==> flow/design.v <==
module ex_as_core_stage #(
    parameter integer DATA_WIDTH = 16
) (
    input  logic aclk,
    input  logic rst_n,
    input  logic [DATA_WIDTH-1:0] da_i,
    input  logic [DATA_WIDTH-1:0] db_i,
    input  logic subtract_i,
    output logic [DATA_WIDTH-1:0] result_o,
    output logic carry_out_o
);
    logic [DATA_WIDTH-1:0] r_da;
    always_ff @(posedge aclk) begin
        if (!rst_n) begin
            r_da <= 0;
        end else begin
            r_da <= da_i;
        end
    end
    logic [DATA_WIDTH-1:0] r_db;
    always_ff @(posedge aclk) begin
        if (!rst_n) begin
            r_db <= 0;
        end else begin
            r_db <= db_i;
        end
    end
    logic r_subtract;
    always_ff @(posedge aclk) begin
        if (!rst_n) begin
            r_subtract <= 1'b0;
        end else begin
            r_subtract <= subtract_i;
        end
    end
    logic [DATA_WIDTH-1:0] aux;
    assign aux = r_db ^ {DATA_WIDTH{r_subtract}};
    logic [DATA_WIDTH:0] val;
    assign val = r_da + aux + r_subtract;
    assign result_o = val[DATA_WIDTH-1:0];
    assign carry_out_o = val[DATA_WIDTH];
endmodule
Hand-over note for ex_as_core_stage

## Reports on ex_as_core_stage

A sweep over "DATA_WIDTH": the same steps for each member of the family.
The RTL above is that of DATA_WIDTH 16; lines are counted from 1 in the file of the member named.
Operators carry their Yosys type and port widths (W data, S select, Z words).
Cell names lack the library's common part.
A cell with n/a has no value.

| set-up | value |
|---|---|
| top | ex_as_core_stage |
| clock input | aclk |
| library | sky130hd |
| corner | tt_025C_1v80 |

## Source of the members

New or changed lines of each further member against the RTL above, in its own file; lines it lacks are not shown.

New or changed lines:

| DATA_WIDTH | line | RTL |
|---|---|---|
| 20 | 2 | `parameter integer DATA_WIDTH = 20` |
| 72 | 2 | `parameter integer DATA_WIDTH = 72` |

## Word level

Yosys after proc, flatten, opt, wreduce and memory -nomap, before mapping. Enables and synchronous resets that opt folds into registers are not counted as muxes. Memory bits, and registers merged into a memory's read port (data or address), are not among the register bits. Print and check cells are not counted. Equal cells are merged and count once.

Cells by class:

| DATA_WIDTH | add/sub/neg operators | reductions and logical operators | muxes and demuxes | magnitude comparators | divide/modulo/power cells | multipliers | equality and inequality tests | shift-type cells | bitwise operators |
|---|---|---|---|---|---|---|---|---|---|
| 16 | 2 | 0 | 0 | 0 | 0 | 0 | 0 | 0 | 1 |
| 20 | 2 | 0 | 0 | 0 | 0 | 0 | 0 | 0 | 1 |
| 72 | 2 | 0 | 0 | 0 | 0 | 0 | 0 | 0 | 1 |

Operators by type and width:

| DATA_WIDTH | kind and count |
|---|---|
| 16 | $add A16 B16 Y17: 1; $add A17 B1 Y17: 1; $xor A16 B16 Y16: 1 |
| 20 | $add A20 B20 Y21: 1; $add A21 B1 Y21: 1; $xor A20 B20 Y20: 1 |
| 72 | $add A72 B72 Y73: 1; $add A73 B1 Y73: 1; $xor A72 B72 Y72: 1 |

Bit counts:

| DATA_WIDTH | bits in writable memories | register bits after elaboration | latch bits | ROM bits | output and inout bits | memory cells | word-level cells | word width x clocked read ports |
|---|---|---|---|---|---|---|---|---|
| 16 | 0 | 33 | 0 | 0 | 17 | 0 | 6 | 0 |
| 20 | 0 | 41 | 0 | 0 | 21 | 0 | 6 | 0 |
| 72 | 0 | 145 | 0 | 0 | 73 | 0 | 6 | 0 |

## Longest topological paths

Longest topological path by Yosys (ltp), each cell counted once; first at word level (registers and memories cut), then after technology mapping (sequential cells cut; the memories' decode and read muxes count).

Depth:

| DATA_WIDTH | depth after elaboration | ABC_AREA | mapped depth | gate-level depth less buffers |
|---|---|---|---|---|
| 16 | 3 | 0 | 11 | 9 |
| 20 | 3 | 0 | 11 | 9 |
| 72 | 3 | 0 | 15 | 13 |

## Netlist

The flow's flattened synthesis, as Yosys stat reports it; memories are mapped. The netlist is that of the ABC_AREA named above (0 if unset); the other value can give another one.

Cell types:

| DATA_WIDTH | types with counts |
|---|---|
| 16 | dfxtp_1: 33; and2_1: 33; ha_1: 16; xor2_1: 20; xnor2_1: 8; a21oi_1: 11; a31oi_1: 5; and3_1: 5; a21o_1: 4; mux2i_1: 3; nor2_1: 8; nand2_1: 6; o21a_1: 3; fa_1: 1; o21ai_0: 4; a221oi_2: 1; buf_2: 3; clkbuf_1: 4; (+23) |
| 20 | dfxtp_1: 41; and2_1: 42; ha_1: 19; xor2_1: 26; xnor2_1: 11; a21o_1: 8; a21oi_1: 12; nor2_1: 13; nand2_1: 12; o21ai_0: 7; o21a_1: 4; nand3_1: 5; clkbuf_1: 6; inv_1: 6; a31oi_4: 1; buf_2: 4; fa_1: 1; o311ai_2: 1; (+29) |
| 72 | dfxtp_1: 145; and2_1: 145; ha_1: 72; xor2_1: 98; a21oi_1: 82; xnor2_1: 41; a21o_1: 46; nand2_1: 67; o21ai_0: 47; clkbuf_1: 48; nand4_1: 26; nor2_1: 41; o21bai_1: 15; o21a_1: 14; inv_1: 24; nand3_1: 13; nor3_1: 10; a211oi_1: 6; (+91) |

The mark (+n) counts cells that are not listed.

Mapped netlist:

| DATA_WIDTH | flip-flops | standard cells after synthesis | cell area after synthesis (µm²) |
|---|---|---|---|
| 16 | 33 | 191 | 1,798.0 |
| 20 | 41 | 248 | 2,307.2 |
| 72 | 145 | 1,031 | 8,884.8 |

## Path before layout

Path of least setup slack by OpenSTA after synthesis, without wires, with an ideal clock, recovery checks aside; 20% of the period is set as input and as output delay. Where synthesis merged equal registers, the netlist keeps one of their names.

Timing after synthesis:

| DATA_WIDTH | path type | start | end | clock period (ns) | setup slack (ns) | path delay (ns) | stages | synthesis period reached (ns) |
|---|---|---|---|---|---|---|---|---|
| 16 | reg-to-output | reg r_subtract | out result_o[14] | 3.62 | 0.582 | 2.314 | 12 | 3.038 |
| 20 | reg-to-output | reg r_subtract | out result_o[18] | 3.88 | 0.619 | 2.485 | 11 | 3.261 |
| 72 | reg-to-output | reg r_subtract | out result_o[58] | 5.3 | 0.848 | 3.392 | 16 | 4.452 |

"path delay" is the arrival time less input delay plus setup time.
A path that ends at an output port has no setup time.
"stages": output pins that drive a net of the path, with the launching flip-flop's if there is one; two outputs of one cell count as two.
"synthesis period reached" is the clock period less the worst setup slack; recovery checks do not enter. This is arithmetic on one report: input and output delays are still those of the set period (20% each).
Between the ends stands the longest chain of elaborated cells between them, by number of cells; it is not shown to be the way that was timed. Of several equally long chains one is given.
Each line given opens the expression or statement behind the cell; cells for indexed reads and writes are added by Yosys, which also makes memories of some case tables.

| between the ends, after synthesis, DATA_WIDTH 16 | value |
|---|---|
| cells in the longest elaborated chain | 3 |

Ends and longest elaborated chain, after synthesis, DATA_WIDTH 16:

| what | line | RTL |
|---|---|---|
| start: declaration | 28 | `logic r_subtract;` |
| start: assignment | 31 | `r_subtract <= 1'b0;` |
| start: assignment | 33 | `r_subtract <= subtract_i;` |
| $xor A16 B16 Y16 | 37 | `assign aux = r_db ^ {DATA_WIDTH{r_subtract}};` |
| $add A16 B16 Y17 | 39 | `assign val = r_da + aux + r_subtract;` |
| $add A17 B1 Y17 | 39 |  |
| end: declaration | 9 | `output logic [DATA_WIDTH-1:0] result_o,` |

| between the ends, after synthesis, DATA_WIDTH 72 | value |
|---|---|
| cells in the longest elaborated chain | 3 |

Ends and longest elaborated chain, after synthesis, DATA_WIDTH 72:

| what | line | RTL |
|---|---|---|
| start: declaration | 28 | `logic r_subtract;` |
| start: assignment | 31 | `r_subtract <= 1'b0;` |
| start: assignment | 33 | `r_subtract <= subtract_i;` |
| $xor A72 B72 Y72 | 37 | `assign aux = r_db ^ {DATA_WIDTH{r_subtract}};` |
| $add A72 B72 Y73 | 39 | `assign val = r_da + aux + r_subtract;` |
| $add A73 B1 Y73 | 39 |  |
| end: declaration | 9 | `output logic [DATA_WIDTH-1:0] result_o,` |

## Path in the finished layout

From the final timing report of the run of each member: the path of least setup slack in the routed layout; clock arrival at registers is part of the times.

Timing post-layout:

| DATA_WIDTH | path type | start | end | clock period (ns) | setup slack (ns) | stages | arrival (ns) |
|---|---|---|---|---|---|---|---|
| 16 | reg-to-output | reg r_subtract | out result_o[7] | 3.62 | 0.07 | 10 | 2.82 |
| 20 | reg-to-output | reg r_subtract | out result_o[10] | 3.88 | 0.13 | 11 | 2.97 |
| 72 | reg-to-output | reg r_subtract | out result_o[27] | 5.3 | 0.18 | 15 | 4.06 |

## Layout results

One run of the flow (Yosys, OpenROAD) for each member, with settings and measured results. Input and output delays are each 20% of the period that was set; the output load is 0.01 pF.

| settings | value |
|---|---|
| CAP_MARGIN | 20 |
| CORE_MARGIN | 2 |
| CORE_UTILIZATION | 40 |
| SLEW_MARGIN | 20 |

Settings by member:

| DATA_WIDTH | period_ns |
|---|---|
| 16 | 3.62 |
| 20 | 3.88 |
| 72 | 5.3 |

Final reports:

| DATA_WIDTH | total negative slack (ns) | synthesis area (µm²) | power consumption (W) | final design utilization | total die area (µm²) | smallest setup slack (ns) | worst hold slack (ns) |
|---|---|---|---|---|---|---|---|
| 16 | 0.000 | 1,798.0 | 0.001024 | 0.593 | 5,047.4 | 0.071 | 1.016 |
| 20 | 0.000 | 2,307.2 | 0.00123 | 0.576 | 6,391.2 | 0.131 | 1.013 |
| 72 | 0.000 | 8,884.8 | 0.003687 | 0.565 | 23,419.7 | 0.177 | 1.170 |

By "power consumption" is meant OpenSTA's value without simulated activity: inputs other than the clock are taken to toggle once in ten clock periods, and the tool carries that through the logic.

End of note.
